==> flow/design.v <==
module dp_barrel #(
    parameter integer WD = 64,
    parameter integer SEL_WIDTH = $clog2(WD)
) (
    input wire clk,
    input wire [WD-1:0] src_in,
    input wire [SEL_WIDTH-1:0] by_in,
    output reg [WD-1:0] y_out
);
    wire [WD-1:0] lvl [0:SEL_WIDTH];
    assign lvl[0] = src_in;
    genvar k;
    generate
        for (k = 0; k < SEL_WIDTH; k = k + 1) begin : each
            assign lvl[k+1] = by_in[k] ? (lvl[k] >> (1 << k)) | (lvl[k] << (WD - (1 << k))) : lvl[k];
        end
    endgenerate
    always @(posedge clk) begin
        y_out <= lvl[SEL_WIDTH];
    end
endmodule
Tool chain data of dp_barrel:

The steps from the RTL of dp_barrel to its reports follow in flow order.
Lines are those of the file above, counted from 1.
Operators: Yosys type, input widths -> output width; for muxes data width and select width s.
Cell names lack the library's common part.
The mark - stands for no value.

* top module: dp_barrel
* clock port: clk
* standard-cell library: sky130hd
* library corner: tt_025C_1v80

Word-level counts:

Yosys after proc, flatten, opt, wreduce and memory -nomap, before mapping. Enables and synchronous resets that opt folds into registers are not counted as muxes. Memory bits, and registers merged into a memory's read port (data or address), are not among the register bits. Print and check cells are not counted. Equal cells are merged and count once.

* add/subtract/negate cells: 0
* $mul: 0
* divide/modulo/power cells: 0
* magnitude comparators: 0
* eq/ne operators: 0
* shift operators: 0
* mux-type cells: 6
* bitwise gates (word level): 6
* reductions and logical operators: 0

Operators by type and width (count)
* $mux 64: 6
* $or 32x64->64: 1
* $or 48x64->64: 1
* $or 56x64->64: 1
* $or 60x64->64: 1
* $or 62x64->64: 1
* $or 63x64->64: 1

* bits in registers: 64
* bits in latches: 0
* bits in writable memories: 0
* ROM bits: 0
* word width x clocked read ports: 0
* memories kept: 0
* bits of input ports: 71

Longest topological paths:

Depth = most cells in a row (Yosys ltp): at word level without a register or memory, in the mapped netlist without a sequential cell, where the memories' decode and read muxes count.

* depth in word-level cells: 12
* ABC_AREA: 0
* mapped depth: 5
* depth with buffers taken out: 3

Netlist:

Source: synth_stat.txt of the flow (Yosys; design flattened, memories mapped). It holds for the ABC_AREA given above (unset counts as 0); a run with the other value may have another netlist.

Cell types
* mux4_2: count 188, total area 4.23E+03 um^2
* dfxtp_1: count 64, total area 1.28E+03 um^2
* buf_12: count 6, total area 120.115 um^2
* mux4_1: count 4, total area 105.101 um^2
* clkbuf_1: count 17, total area 63.811 um^2
* buf_1: count 15, total area 56.304 um^2
* buf_2: count 3, total area 15.014 um^2
* buf_6: count 1, total area 11.261 um^2

* cells in the netlist: 298
* cell area after synthesis: 5886.9 um^2
* sequential part of the area: 1281.2 um^2
* flip-flops: 64
* buffers: 42

Worst setup path after synthesis:

Source: OpenSTA report_checks on the synthesized netlist (no wires, ideal clock, input and output delay 20% of the period each), path of least setup slack; recovery checks are left aside. Register names are those of the netlist, which keeps one name where synthesis merged equal registers.

* path type: input -> register
* start point: input port by_in[3]
* end point: register y_out[13]
* clock period: 3290 ps
* input delay: 658 ps
* setup time: 134 ps
* time at the first pin: 658 ps
* data arrival time: 2630 ps
* data required time: 3156 ps
* slack: 526 ps
* delay of the path: 2106 ps
* stages: 5
* synthesis period reached: 2764 ps

"delay of the path" = arrival - input delay + setup time.
"stages": output pins that drive a net of the path, with the launching flip-flop's if there is one; two outputs of one cell count as two.
"synthesis period reached" = period - worst setup slack (recovery checks aside). The figure is calculated, with input and output delays left at 20% of the set period.
Between the ends stands the longest chain of elaborated cells between them, by number of cells; it is not shown to be the way that was timed. Of several equally long chains one is given.
A line is the first line of the expression or statement that the cell stems from. Yosys adds cells for indexed reads and writes and turns some case tables into memories.

* cell sequence: clkbuf_1 > buf_1 > mux4_2 > mux4_2 > mux4_2
* length of the longest elaborated chain: 5

RTL lines, path after synthesis
* start, declared: line 7 `input wire [SEL_WIDTH-1:0] by_in,`
* $mux 64: line 15 `assign lvl[k+1] = by_in[k] ? (lvl[k] >> (1 << k)) | (lvl[k] << (WD - (1 << k))) : lvl[k];`
* $or 48x64->64: line 15
* $mux 64: line 15
* $or 32x64->64: line 15
* $mux 64: line 15
* end, assigned: line 19 `y_out <= lvl[SEL_WIDTH];`
* end, declared: line 8 `output reg [WD-1:0] y_out`

Timing after layout:

Path of least setup slack in the final report of entry A (OpenROAD, finished layout, wires in). Where an end is a register, its clock arrival counts in the times.
The path's times are printed in steps of 10 ps; the period is the one set.

* path type: input -> register
* start point: input port by_in[0]
* end point: register y_out[40]
* clock period: 4270 ps
* input delay: 850 ps
* setup time: 130 ps
* time at the first pin: 850 ps
* data arrival time: 3280 ps
* data required time: 4460 ps
* slack: 1180 ps
* stages: 5

Between the ends stands the longest chain of elaborated cells between them, by number of cells; it is not shown to be the way that was timed. Of several equally long chains one is given.

* cell sequence: buf_4 > buf_4 > mux4_2 > mux4_2 > mux4_2
* length of the longest elaborated chain: 11

RTL lines, path after layout
* start, declared: line 7 `input wire [SEL_WIDTH-1:0] by_in,`
* $mux 64: line 15 `assign lvl[k+1] = by_in[k] ? (lvl[k] >> (1 << k)) | (lvl[k] << (WD - (1 << k))) : lvl[k];`
* $or 62x64->64: line 15
* $mux 64: line 15
* $or 60x64->64: line 15
* $mux 64: line 15
* $or 56x64->64: line 15
* $mux 64: line 15
* $or 48x64->64: line 15
* $mux 64: line 15
* $or 32x64->64: line 15
* $mux 64: line 15
* end, assigned: line 19 `y_out <= lvl[SEL_WIDTH];`
* end, declared: line 8 `output reg [WD-1:0] y_out`

Module dp_barrel, platform sky130hd: 3 stored runs of the flow (Yosys, OpenROAD) with differing settings, in no particular order. Input and output delays are each 20% of the period that was set; the output load is 0.01 pF.
"clock period reached": clock period set for the run, less the worst setup slack. It is reckoned from that one timing run; input and output delays stay at 20% of the period that was set.
"time of the worst setup path" means the part of the period allowed to the worst setup path (the constraints hold back 20% at inputs and 20% at outputs) less its slack; where the path has registers, the arrival times of their clocks count too.
By "power consumption" is meant OpenSTA's value without simulated activity: inputs other than the clock are taken to toggle once in ten clock periods, and the tool carries that through the logic.
"time of the worst setup path" is given in steps of 10 ps.

### Entry A

Settings: `period_ns=4.27`, `CORE_UTILIZATION=50`, `SETUP_SLACK_MARGIN=-0.4`, `PLACE_DENSITY_LB_ADDON=0.1`, `CORE_ASPECT_RATIO=1.82`, `CELL_PAD_IN_SITES_GLOBAL_PLACEMENT=1`, `TNS_END_PERCENT=100`, `CTS_CLUSTER_SIZE=51`, `CAP_MARGIN=15`, `CORE_MARGIN=2`, `SLEW_MARGIN=20`

- Sum of negative setup slack: 0 ps
- Mapped cell area after synthesis: 5,886.9 um^2
- Clock period reached: 3,094 ps
- Overall die area: 12,697.0 um^2
- Utilization: 65.0%
- Time of the worst setup path: 2,240 ps
- Type of the worst setup path: input -> register
- Power consumption: 2.644 mW
- Worst setup slack after layout: 1,176 ps

### Entry B

Settings: `period_ns=2.09`, `CORE_UTILIZATION=46`, `CORE_ASPECT_RATIO=1.64`, `CELL_PAD_IN_SITES_GLOBAL_PLACEMENT=1`, `GPL_ROUTABILITY_DRIVEN=0`, `SLEW_MARGIN=15`, `MIN_ROUTING_LAYER=met2`, `CAP_MARGIN=20`, `CORE_MARGIN=2`

- Overall die area: 13,745.9 um^2
- Mapped cell area after synthesis: 5,886.9 um^2
- Sum of negative setup slack: -4,641 ps
- Worst setup slack after layout: -108 ps
- Utilization: 63.4%
- Time of the worst setup path: 1,780 ps
- Type of the worst setup path: input -> register
- Power consumption: 5.451 mW
- Clock period reached: 2,198 ps

### Entry C

Settings: `period_ns=3.29`, `CAP_MARGIN=20`, `CORE_MARGIN=2`, `CORE_UTILIZATION=40`, `SLEW_MARGIN=20`

- Worst setup slack after layout: 569 ps
- Mapped cell area after synthesis: 5,886.9 um^2
- Power consumption: 3.434 mW
- Overall die area: 15,703.8 um^2
- Utilization: 52.7%
- Sum of negative setup slack: 0 ps
- Time of the worst setup path: 2,060 ps
- Type of the worst setup path: input -> register
- Clock period reached: 2,721 ps
